==> flow/design.v <==
module sync_addsub_n #(
  parameter integer DATA_W = 18
) (
  input  wire clock,
  input  wire nrst,
  input  wire clk_en,
  input  wire [DATA_W-1:0] src1,
  input  wire mode,
  input  wire clear,
  output wire [DATA_W-1:0] q
);
  reg [DATA_W-1:0] src1_q;
  reg mode_q;
  reg clear_q;
  reg [DATA_W-1:0] run_sum;
  always @(posedge clock or negedge nrst) begin
    if (!nrst) begin
      src1_q <= 0;
      mode_q <= 1'b0;
      clear_q <= 1'b0;
      run_sum <= 0;
    end else if (clk_en) begin
      src1_q <= src1;
      mode_q <= mode;
      clear_q <= clear;
      run_sum <= clear_q ? src1_q : mode_q ? run_sum - src1_q : run_sum + src1_q;
    end
  end
  assign q = run_sum;
endmodule
---- Reports on sync_addsub_n ----
Tool output for the design above, in the order of the flow.
Lines are those of the file above, counted from 1.
Cell names lack the library's common part.
Not given: n/a
design
  design top .............................. sync_addsub_n
  clock ................................... clock
  cell library ............................ sky130hd
  library corner .......................... tt_025C_1v80

---- Elaborated design ----
Source: Yosys, flattened and elaborated, memories not mapped. Widths are those after wreduce; folded enables and synchronous resets count as part of the registers. Registers that Yosys merges into a memory's read port (data or address) are not register bits. Print and check cells do not count. Equal cells are merged and count once.
operators by class
  add/sub/neg operators ................... 2
  multiplexer cells ....................... 2
operators by type and width
  cell                count
  two-way mux 18 bit  2
  adder 18 bit        1
  subtractor 18 bit   1
word-level totals
  register bits ........................... 38
  bits of input ports ..................... 23
  elaborated cells ........................ 8

---- Longest topological paths ----
Yosys ltp: most cells in a row. Word level: on the elaborated netlist, between registers, memories and ports. Mapped: between sequential cells and ports; inverters and the memories' decode and read muxes count.
depth
  depth after elaboration ................. 3
  ABC_AREA ................................ 0
  depth in mapped cells ................... 15
  gate-level depth less buffers ........... 14

---- After synthesis ----
Source: synth_stat.txt of the flow (Yosys; design flattened, memories mapped). It holds for the ABC_AREA given above (unset counts as 0); a run with the other value may have another netlist.
cell types
  cell      count  area in all (µm²)
  dfrtp_1   38     950.912
  ha_1      18     225.216
  xnor2_1   22     192.685
  mux2_2    16     180.173
  a21oi_1   27     135.13
  nor2_1    31     116.362
  nand2_1   28     105.101
  o21ai_0   17     85.082
  a31oi_1   9      56.304
  a21o_1    7      52.55
  xor2_1    6      52.55
  mux2i_1   4      40.038
  nand2b_1  6      37.536
  nor2b_1   6      37.536
  clkbuf_1  9      33.782
  buf_4     4      30.029
  inv_1     8      30.029
  nand3_1   6      30.029
Other cell types: 29; their cells: 51.
synthesis totals
  mapped cells ............................ 313
  cell area after synthesis ............... 2820.2 µm²
  flip-flop cells ......................... 38
  buffer cells ............................ 16

---- Path before layout ----
Source: OpenSTA report_checks on the synthesized netlist (no wires, ideal clock, input and output delay 20% of the period each), path of least setup slack; recovery checks are left aside. Register names are those of the netlist, which keeps one name where synthesis merged equal registers.
timing after synthesis
  path type ............................... register to register
  from .................................... register src1_q[4]
  to ...................................... register run_sum[17]
  period .................................. 3550 ps
  data arrival time ....................... 2755 ps
  required time ........................... 3463 ps
  slack ................................... 709 ps
  path delay .............................. 2842 ps
  stages on the path ...................... 14
  synthesis period reached ................ 2841 ps
"path delay" is the arrival time less input delay plus setup time.
"stages on the path": output pins that drive a net of the path, with the launching flip-flop's if there is one; two outputs of one cell count as two.
"synthesis period reached" is the clock period less the worst setup slack; recovery checks do not enter. This is arithmetic on one report: input and output delays are still those of the set period (20% each).
Between the ends stands the longest chain of elaborated cells between them, by number of cells; it is not shown to be the way that was timed. Of several equally long chains one is given.
A line is the first line of the expression or statement that the cell stems from. Yosys adds cells for indexed reads and writes and turns some case tables into memories.
between the ends, after synthesis
  cells stage by stage .................... dfrtp_1 nor4_4 a21oi_1 nor2_1 o21ai_0 xnor2_1 ha_1 o21ai_0 nand2b_1 o31ai_4 o21ai_2 a311oi_2 or3b_1 o211ai_1
  cells in the longest elaborated chain ... 3
  elaborated cells between the ends (all ways) .. 4
  classes of those cells .................. 2 x add/sub; 2 x mux
ends and longest elaborated chain, after synthesis
  element                line  text
  start, declared        12    reg [DATA_W-1:0] src1_q;
  start, assigned        18    src1_q <= 0;
  start, assigned        23    src1_q <= src1;
  adder 18 bit           26    run_sum <= clear_q ? src1_q : mode_q ? run_sum - src1_q : run_sum + src1_q;
  two-way mux 18 bit x2  26
  end, assigned          21    run_sum <= 0;
  end, assigned          26
  end, declared          15    reg [DATA_W-1:0] run_sum;

---- Worst path after layout ----
Path of least setup slack in the final report of run 1 (OpenROAD, finished layout, wires in). Where an end is a register, its clock arrival counts in the times.
The report prints the path's times to 10 ps; the period is as set.
timing after layout
  path type ............................... register to register
  from .................................... register src1_q[4]
  to ...................................... register run_sum[17]
  period .................................. 3550 ps
  data arrival time ....................... 3380 ps
  required time ........................... 3780 ps
  slack ................................... 400 ps
  stages on the path ...................... 14
Between the ends stands the longest chain of elaborated cells between them, by number of cells; it is not shown to be the way that was timed. Of several equally long chains one is given.
between the ends, after layout
  cells stage by stage .................... dfrtp_1 nor4_4 a21oi_1 nor2_1 o21ai_0 xnor2_1 ha_1 o21ai_0 nand2b_1 o31ai_4 o21ai_2 a311oi_2 or3b_1 o211ai_1
  cells in the longest elaborated chain ... 3
  elaborated cells between the ends (all ways) .. 4
  classes of those cells .................. 2 x add/sub; 2 x mux
ends and longest elaborated chain, after layout
  element                line  text
  start, declared        12    reg [DATA_W-1:0] src1_q;
  start, assigned        18    src1_q <= 0;
  start, assigned        23    src1_q <= src1;
  adder 18 bit           26    run_sum <= clear_q ? src1_q : mode_q ? run_sum - src1_q : run_sum + src1_q;
  two-way mux 18 bit x2  26
  end, assigned          21    run_sum <= 0;
  end, assigned          26
  end, declared          15    reg [DATA_W-1:0] run_sum;

Lab notebook: sync_addsub_n

Measured results for sync_addsub_n: 3 stored runs of the Yosys and OpenROAD flow on sky130hd. The settings differ; the order carries no meaning. The constraints put input and output delay at 20% of the set period each and load the outputs with 0.01 pF.

======== run 1 ========
==> flow/run.sh <==
#!/bin/bash
# the make line also repeats the synthesis and layout settings of config.mk as NAME=value (left out here)
make -C /OpenROAD-flow-scripts/flow DESIGN_CONFIG=/design/flow/config.mk WORK_HOME=/design/flow/orfs CLKGATE_MAP_FILE= finish
==> flow/config.mk <==
export PLATFORM = sky130hd
export DESIGN_NAME = sync_addsub_n
export DESIGN_NICKNAME = sync_addsub_n
export VERILOG_FILES = /design/flow/design.v
export SDC_FILE = /design/flow/constraint.sdc
export NUM_CORES = 4
export LEC_CHECK = 0
export CAP_MARGIN = 20
export CORE_MARGIN = 2
export CORE_UTILIZATION = 40
export SLEW_MARGIN = 20
==> flow/constraint.sdc <==
create_clock -name core_clock -period 3.55 [get_ports {clock}]
set_input_delay 0.7100 -clock core_clock [delete_from_list [all_inputs] [get_ports {clock}]]
set_output_delay 0.7100 -clock core_clock [all_outputs]
set_load 0.01 [all_outputs]

-------- measured, run 1 --------
  synthesized cell area ................... 2820.2 µm²
  utilization after layout ................ 49.6 %
  full die area ........................... 7737.8 µm²
  standard-cell area after layout ......... 3372.0 µm²
  worst setup slack after layout .......... 402 ps

======== run 2 ========
==> flow/run.sh <==
#!/bin/bash
# the make line also repeats the synthesis and layout settings of config.mk as NAME=value (left out here)
make -C /OpenROAD-flow-scripts/flow DESIGN_CONFIG=/design/flow/config.mk WORK_HOME=/design/flow/orfs CLKGATE_MAP_FILE= finish
==> flow/config.mk <==
export PLATFORM = sky130hd
export DESIGN_NAME = sync_addsub_n
export DESIGN_NICKNAME = sync_addsub_n
export VERILOG_FILES = /design/flow/design.v
export SDC_FILE = /design/flow/constraint.sdc
export NUM_CORES = 4
export LEC_CHECK = 0
export CAP_MARGIN = 20
export CELL_PAD_IN_SITES_GLOBAL_PLACEMENT = 2
export CORE_ASPECT_RATIO = 1.6
export CORE_MARGIN = 5
export CORE_UTILIZATION = 26
export CTS_CLUSTER_SIZE = 51
export GPL_ROUTABILITY_DRIVEN = 0
export MIN_ROUTING_LAYER = met1
export PLACE_DENSITY = 0.49
export SETUP_SLACK_MARGIN = 0.52
export SLEW_MARGIN = 20
==> flow/constraint.sdc <==
create_clock -name core_clock -period 2.05 [get_ports {clock}]
set_input_delay 0.4100 -clock core_clock [delete_from_list [all_inputs] [get_ports {clock}]]
set_output_delay 0.4100 -clock core_clock [all_outputs]
set_load 0.01 [all_outputs]

-------- measured, run 2 --------
  synthesized cell area ................... 2820.2 µm²
  utilization after layout ................ 45.2 %
  full die area ........................... 13087.6 µm²
  standard-cell area after layout ......... 4835.9 µm²
  worst setup slack after layout .......... -804 ps

======== run 3 ========
==> flow/run.sh <==
#!/bin/bash
# the make line also repeats the synthesis and layout settings of config.mk as NAME=value (left out here)
make -C /OpenROAD-flow-scripts/flow DESIGN_CONFIG=/design/flow/config.mk WORK_HOME=/design/flow/orfs CLKGATE_MAP_FILE= finish
==> flow/config.mk <==
export PLATFORM = sky130hd
export DESIGN_NAME = sync_addsub_n
export DESIGN_NICKNAME = sync_addsub_n
export VERILOG_FILES = /design/flow/design.v
export SDC_FILE = /design/flow/constraint.sdc
export NUM_CORES = 4
export LEC_CHECK = 0
export ABC_AREA = 1
export CAP_MARGIN = 5
export CORE_ASPECT_RATIO = 1.93
export CORE_MARGIN = 8
export CORE_UTILIZATION = 56
export CTS_CLUSTER_DIAMETER = 316
export GPL_ROUTABILITY_DRIVEN = 1
export HOLD_SLACK_MARGIN = 0.15
export PLACE_DENSITY_LB_ADDON = 0.23
export SLEW_MARGIN = 20
export TNS_END_PERCENT = 10
==> flow/constraint.sdc <==
create_clock -name core_clock -period 4.19 [get_ports {clock}]
set_input_delay 0.8380 -clock core_clock [delete_from_list [all_inputs] [get_ports {clock}]]
set_output_delay 0.8380 -clock core_clock [all_outputs]
set_load 0.01 [all_outputs]

-------- measured, run 3 --------
  synthesized cell area ................... 3006.6 µm²
  utilization after layout ................ 67.7 %
  full die area ........................... 8097.8 µm²
  standard-cell area after layout ......... 3570.9 µm²
  worst setup slack after layout .......... 1225 ps
